==> flow/design.v <==
module dp_add_core #(
  parameter NBITS = 56
) (
  input sys_clk,
  input aresetn,
  input ce,
  input [NBITS-1:0] A_i,
  input [NBITS-1:0] B_i,
  output [NBITS-1:0] total_o
);
  reg [NBITS-1:0] A_r;
  reg [NBITS-1:0] B_r;
  reg [NBITS:0] t_r;
  reg [NBITS-1:0] total_r;
  assign total_o = total_r;
  always @(posedge sys_clk or negedge aresetn) begin
    if (!aresetn) begin
      A_r <= 0;
      B_r <= 0;
      t_r <= 0;
      total_r <= 0;
    end else if (ce) begin
      A_r <= A_i;
      B_r <= B_i;
      t_r <= A_r + B_r;
      total_r <= t_r[NBITS] ? {NBITS{1'b1}} : t_r[NBITS-1:0];
    end
  end
endmodule
From RTL to reports: dp_add_core
The steps from the RTL of dp_add_core to its reports follow in flow order.
Line numbers count from 1 in the design file above.
Operators: Yosys type, input widths -> output width; for muxes data width and select width s.
Library cell names are shortened.
Not given: --
Design
  design top: dp_add_core
  clock input: sys_clk
  cell library: sky130hd
  timing corner: tt_025C_1v80

After elaboration
Source: Yosys, flattened and elaborated, memories not mapped. Widths are those after wreduce; folded enables and synchronous resets count as part of the registers. Registers that Yosys merges into a memory's read port (data or address) are not register bits. Print and check cells do not count. Equal cells are merged and count once.
Word-level totals
  bits in read-only memories: 0
  clocked read ports x word width: 0
  register bits after elaboration: 225
  bits in writable memories: 0
  latch bits: 0
  output and inout bits: 56
  memories kept: 0
  elaborated cells: 6
  input port bits: 115
Operators by class
  $add $sub $neg: 1
  muxes and demuxes: 1
  bitwise operators: 0
  reductions and logical operators: 0
  shift operators: 0
  multiply operators: 0
  $lt $le $gt $ge: 0
  div/mod/pow operators: 0
  equal/unequal tests: 0
Operator list (count)
  $add 56x56->57: 1
  $mux 56: 1

Logic depth
Depth = most cells in a row (Yosys ltp): at word level without a register or memory, in the mapped netlist without a sequential cell, where the memories' decode and read muxes count.
Logic depth
  depth in word-level cells: 1
  ABC_AREA: 0
  depth in mapped cells: 10
  gate-level depth less buffers: 10

After synthesis
The flow's flattened synthesis, as Yosys stat reports it; memories are mapped. The netlist is that of the ABC_AREA named above (0 if unset); the other value can give another one.
Totals and module areas in this step are rounded.
Mapped netlist
  mapped area: 11900 um2
  mapped cells: 1153
  flip-flop cells: 225
  sequential area: 5630 um2
Cells by type
  dfrtp_1: count 225, total area 5630.4 um2
  mux2_2: count 150, total area 1689.12 um2
  ha_1: count 56, total area 700.672 um2
  a21oi_1: count 121, total area 605.581 um2
  nor2_1: count 154, total area 578.054 um2
  a21o_1: count 37, total area 277.766 um2
  nand2_1: count 66, total area 247.738 um2
  xnor2_1: count 26, total area 227.718 um2
  o21ai_0: count 41, total area 205.197 um2
  clkbuf_1: count 44, total area 165.158 um2
  nand4_1: count 22, total area 137.632 um2
  o21a_1: count 16, total area 120.115 um2
  xor2_1: count 13, total area 113.859 um2
  o21bai_1: count 12, total area 90.086 um2
  inv_1: count 20, total area 75.072 um2
  o211ai_1: count 9, total area 67.565 um2
  a211oi_1: count 8, total area 60.058 um2
  and3_1: count 9, total area 56.304 um2
Other cell types: 40; their cells: 124.

Worst setup path after synthesis
OpenSTA on the mapped netlist: ideal clock, no wires. The path of least setup slack (recovery checks aside). Input and output delay are each 20% of the period. Register names are those of the netlist, which keeps one name where synthesis merged equal registers.
Timing after synthesis
  kind: reg-to-reg
  start point: register A_r[0]
  end point: register t_r[52]
  time at the first pin: 0.000 ns
  arrival time: 2.770 ns
  clock period: 3.61 ns
  buffers on the path: 0
  setup slack: 0.720 ns
  driving pins on the path: 11
  path delay: 2.890 ns
  setup time: 0.120 ns
  synthesis period reached: 2.89 ns
"path delay" is the arrival time less input delay plus setup time.
"driving pins on the path" counts driving pins, that of a launching flip-flop among them; a cell with two outputs on the path counts twice.
"synthesis period reached" = period - worst setup slack (recovery checks aside). The figure is calculated, with input and output delays left at 20% of the set period.
Between the ends stands the longest chain of elaborated cells between them, by number of cells; it is not shown to be the way that was timed. Of several equally long chains one is given.
A line is the first line of the expression or statement that the cell stems from. Yosys adds cells for indexed reads and writes and turns some case tables into memories.
On the way, after synthesis
  cell sequence: dfrtp_1 ha_1 fa_1 a21o_1 a221oi_4 o31ai_2 o211a_1 o2111ai_2 a21oi_2 or4_1 a31o_1
  cells in the longest elaborated chain: 1
  elaborated cells on any way between the ends: 1
  RTL lines with such cells: 1
  classes of those cells: add/sub (1)
RTL lines, path after synthesis
  start, declared: line 11  | reg [NBITS-1:0] A_r;
  start, assigned: line 18  | A_r <= 0;
  start, assigned: line 23  | A_r <= A_i;
  $add 56x56->57: line 25  | t_r <= A_r + B_r;
  end, assigned: line 20  | t_r <= 0;
  end, assigned: line 25
  end, declared: line 13  | reg [NBITS:0] t_r;

Worst path after layout
From the final timing report of run 1: the path of least setup slack in the routed layout; clock arrival at registers is part of the times.
Timing post-layout
  kind: reg-to-reg
  start point: register B_r[0]
  end point: register t_r[52]
  setup slack: 2.16 ns
  buffers on the path: 0
  arrival time: 3.72 ns
  time at the first pin: 0.51 ns
  driving pins on the path: 11
  setup time: 0.11 ns
  clock period: 5.48 ns
Between the ends stands the longest chain of elaborated cells between them, by number of cells; it is not shown to be the way that was timed. Of several equally long chains one is given.
On the way, post-layout
  cell sequence: dfrtp_1 ha_1 fa_1 a21o_1 a221oi_4 o31ai_2 o211a_1 o2111ai_2 a21oi_2 or4_1 a31o_1
  cells in the longest elaborated chain: 1
  elaborated cells on any way between the ends: 1
  RTL lines with such cells: 1
  classes of those cells: add/sub (1)
RTL lines, path post-layout
  start, declared: line 12  | reg [NBITS-1:0] B_r;
  start, assigned: line 19  | B_r <= 0;
  start, assigned: line 24  | B_r <= B_i;
  $add 56x56->57: line 25  | t_r <= A_r + B_r;
  end, assigned: line 20  | t_r <= 0;
  end, assigned: line 25
  end, declared: line 13  | reg [NBITS:0] t_r;

FLOW RESULTS
============

Settings and measured results of 3 stored flow runs for module dp_add_core (sky130hd), not sorted in any way. The constraints put input and output delay at 20% of the set period each and load the outputs with 0.01 pF.
The measured numbers are rounded.

==> run 1: settings <==
{ "period_ns": 5.48, "CORE_UTILIZATION": 67, "SETUP_SLACK_MARGIN": 1.06, "PLACE_DENSITY": 0.72, "HOLD_SLACK_MARGIN": 0.1, "CORE_MARGIN": 6, "TNS_END_PERCENT": 20, "ABC_AREA": 0, "SLEW_MARGIN": 40, "MIN_ROUTING_LAYER": "met1", "CAP_MARGIN": 20 }
==> run 1: results <==
chip area in the Yosys report: 11900 um2
full die area: 21200 um2
standard-cell area after layout: 14600 um2
lowest setup slack: 2.16 ns
setup total negative slack: 0.000 ns

==> run 2: settings <==
{ "period_ns": 3.61, "CAP_MARGIN": 20, "CORE_MARGIN": 2, "CORE_UTILIZATION": 40, "SLEW_MARGIN": 20 }
==> run 2: results <==
chip area in the Yosys report: 11900 um2
full die area: 31200 um2
standard-cell area after layout: 14800 um2
lowest setup slack: 0.436 ns
setup total negative slack: 0.000 ns

==> run 3: settings <==
{ "period_ns": 3.57, "CORE_UTILIZATION": 57, "SETUP_SLACK_MARGIN": 0.72, "PLACE_DENSITY_LB_ADDON": 0.21, "CORE_ASPECT_RATIO": 1.46, "CELL_PAD_IN_SITES_GLOBAL_PLACEMENT": 2, "CELL_PAD_IN_SITES_DETAIL_PLACEMENT": 1, "TNS_END_PERCENT": 55, "CTS_CLUSTER_SIZE": 10, "CAP_MARGIN": 25, "MAX_ROUTING_LAYER": "met4", "CORE_MARGIN": 2, "SLEW_MARGIN": 20 }
==> run 3: results <==
incomplete, placement halted on FLW-0024
